==> flow/design.v <==
module core_times_blk #(
  parameter DATA_W = 14
) (
  input logic core_clk,
  input logic i_rst_n,
  input logic clk_en,
  input logic signed [DATA_W-1:0] a,
  input logic signed [DATA_W-1:0] b,
  output logic signed [2*DATA_W-1:0] out
);
  logic signed [2*DATA_W-1:0] out_ff;
  assign out = out_ff;
  always_ff @(posedge core_clk or negedge i_rst_n) begin
    if (~i_rst_n) begin
      out_ff <= '0;
    end else if (clk_en) begin
      out_ff <= a * b;
    end
  end
endmodule
* Reports on core_times_blk *
The steps from the RTL of core_times_blk to its reports follow in flow order.
Lines are those of the file above, counted from 1.
Library cell names are shortened.
Not given: -

inputs
  top = core_times_blk
  clock = core_clk
  cell library = sky130hd
  timing corner = tt_025C_1v80

* Word level *
Counts by Yosys on the flattened word-level netlist (proc, flatten, opt, wreduce; memories kept). Register bits leave out memories and registers merged into their read ports (data or address); mux counts leave out enables and synchronous resets folded into registers. Print and check cells are left out. Cells with the same type and inputs are merged into one.

storage and ports
  bits in registers = 28
  bits of input ports = 31

operators by class
  multipliers = 1

operators by type and width
  kind                                            count
  14-bit by 14-bit multiplier with 28-bit output  1

* Depth *
Longest topological path by Yosys (ltp), each cell counted once; first at word level (registers and memories cut), then after technology mapping (sequential cells cut; the memories' decode and read muxes count).

logic depth
  depth after elaboration = 1
  ABC_AREA = 0
  mapped depth = 22

* Netlist *
Yosys stat after the flow's synthesis: flattened, memories mapped to cells. It holds for the ABC_AREA given above (unset counts as 0); a run with the other value may have another netlist.

cell types
  cell type  count
  fa_1       195
  ha_1       67
  inv_1      214
  dfrtp_1    28
  and2_1     103
  nand2_1    87
  xnor2_1    22
  mux2_2     14
  a21oi_1    27
  clkbuf_1   35
  nor2_1     25
  o21ai_0    14
  a211oi_1   6
  a21o_1     6
  nand2b_1   7
  nand3_1    7
  xor2_1     4
  nand3b_1   4

Not listed: further types 35, cells in them 58.

synthesis totals
  mapped cells = 923
  synthesis area = 8685.8 µm²
  area of sequential cells = 700.7 µm²
  flip-flops = 28
  buffers = 37

* Path before layout *
Path of least setup slack by OpenSTA after synthesis, without wires, with an ideal clock, recovery checks aside; 20% of the period is set as input and as output delay. Where synthesis merged equal registers, the netlist keeps one of their names.

timing after synthesis
  kind = input to register
  start = input a[13]
  end = register out_ff[24]
  clock period = 8600 ps
  input delay = 1720 ps
  time at the first pin = 1720 ps
  arrival time = 7089 ps
  setup slack = 1374 ps
  delay of the path = 5505 ps
  stages = 19
  path buffers = 2
  period reached after synthesis = 7226 ps

"delay of the path" is the arrival time less input delay plus setup time.
"stages": output pins that drive a net of the path, with the launching flip-flop's if there is one; two outputs of one cell count as two.
"period reached after synthesis" is the clock period less the worst setup slack; recovery checks do not enter. This is arithmetic on one report: input and output delays are still those of the set period (20% each).
Between the ends stands the longest chain of elaborated cells between them, by number of cells; it is not shown to be the way that was timed. Of several equally long chains one is given.
Each line given opens the expression or statement behind the cell; cells for indexed reads and writes are added by Yosys, which also makes memories of some case tables.

on the way, after synthesis
  cell sequence = clkbuf_1 > nand2_1 > fa_1 > fa_1 > inv_1 > fa_1 > fa_1 > fa_1 > inv_1 > fa_1 > inv_1 > ha_1 > clkbuf_1 > o21ai_0 > nor2_1 > or3b_2 > o31ai_1 > xor2_1 > a21oi_1
  cells in the longest elaborated chain = 1
  elaborated cells on any way between the ends = 1
  RTL lines with such cells = 1
  those cells by class = mul: 1

ends and longest elaborated chain, after synthesis
  what                                            RTL line  RTL
  from (decl)                                     7         input logic signed [DATA_W-1:0] a,
  14-bit by 14-bit multiplier with 28-bit output  17        out_ff <= a * b;
  to (assign)                                     15        out_ff <= '0;
  to (assign)                                     17
  to (decl)                                       11        logic signed [2*DATA_W-1:0] out_ff;

* Timing after layout *
Path of least setup slack in the final report of run 1 (OpenROAD, finished layout, wires in). Where an end is a register, its clock arrival counts in the times.
The path's times are printed in steps of 10 ps; the period is the one set.

timing post-layout
  kind = input to register
  start = input b[2]
  end = register out_ff[24]
  clock period = 8600 ps
  input delay = 1720 ps
  time at the first pin = 1720 ps
  arrival time = 8040 ps
  setup slack = 690 ps
  stages = 18
  path buffers = 1

Between the ends stands the longest chain of elaborated cells between them, by number of cells; it is not shown to be the way that was timed. Of several equally long chains one is given.

on the way, post-layout
  cell sequence = clkdlybuf4s50_1 > nand2_1 > fa_1 > fa_1 > inv_1 > fa_1 > fa_1 > fa_1 > inv_1 > fa_1 > inv_1 > ha_1 > o21ai_0 > nor2_1 > or3b_2 > o31ai_1 > xor2_1 > a21oi_1
  cells in the longest elaborated chain = 1
  elaborated cells on any way between the ends = 1
  RTL lines with such cells = 1
  those cells by class = mul: 1

ends and longest elaborated chain, post-layout
  what                                            RTL line  RTL
  from (decl)                                     8         input logic signed [DATA_W-1:0] b,
  14-bit by 14-bit multiplier with 28-bit output  17        out_ff <= a * b;
  to (assign)                                     15        out_ff <= '0;
  to (assign)                                     17
  to (decl)                                       11        logic signed [2*DATA_W-1:0] out_ff;

==> runs of core_times_blk <==
Measured results for core_times_blk: 3 stored runs of the Yosys and OpenROAD flow on sky130hd. The settings differ; the order carries no meaning. The constraints put input and output delay at 20% of the set period each and load the outputs with 0.01 pF.
"clock period reached" is the run's clock period less its worst setup slack. It is reckoned from that one timing run; input and output delays stay at 20% of the period that was set.
"critical path time" is the time allowed to the run's worst setup path (the clock period less input and output delay, where it has them) less its slack. Clock arrival times count: a late capture clock shortens it, a late launch clock lengthens it.
"critical path time" is known to 10 ps.
Settings: -- = not set for that run.
A result given as -- is not shown for that run.

item                                     run 1              run 2  run 3
period_ns                                8.6                4.76   7.66
CAP_MARGIN                               20                 25     20
CORE_MARGIN                              2                  2      10
CORE_UTILIZATION                         40                 67     46
SLEW_MARGIN                              20                 20     20
PLACE_DENSITY_LB_ADDON                   --                 0.26   0.28
CORE_ASPECT_RATIO                        --                 1.49   --
CELL_PAD_IN_SITES_DETAIL_PLACEMENT       --                 1      --
TNS_END_PERCENT                          --                 35     --
GPL_ROUTABILITY_DRIVEN                   --                 0      --
CTS_CLUSTER_SIZE                         --                 78     --
SETUP_SLACK_MARGIN                       --                 --     0.79
HOLD_SLACK_MARGIN                        --                 --     0.29
CELL_PAD_IN_SITES_GLOBAL_PLACEMENT       --                 --     0
CTS_CLUSTER_DIAMETER                     --                 --     319
MAX_ROUTING_LAYER                        --                 --     met4
utilization                              0.456              --     0.544
die outline area (µm²)                   22909.8            --     24777.9
standard-cell area after layout (µm²)    9643.0             --     10136.0
critical path time (ps)                  6190               --     5140
worst setup path kind                    input to register  --     input to register
clock period reached (ps)                7911               --     6672
worst slack on setup checks (ps)         689                --     988
chip area after synthesis (Yosys) (µm²)  8685.8             --     8685.8

Run 2: stopped before the end: placement reported DPL-0033
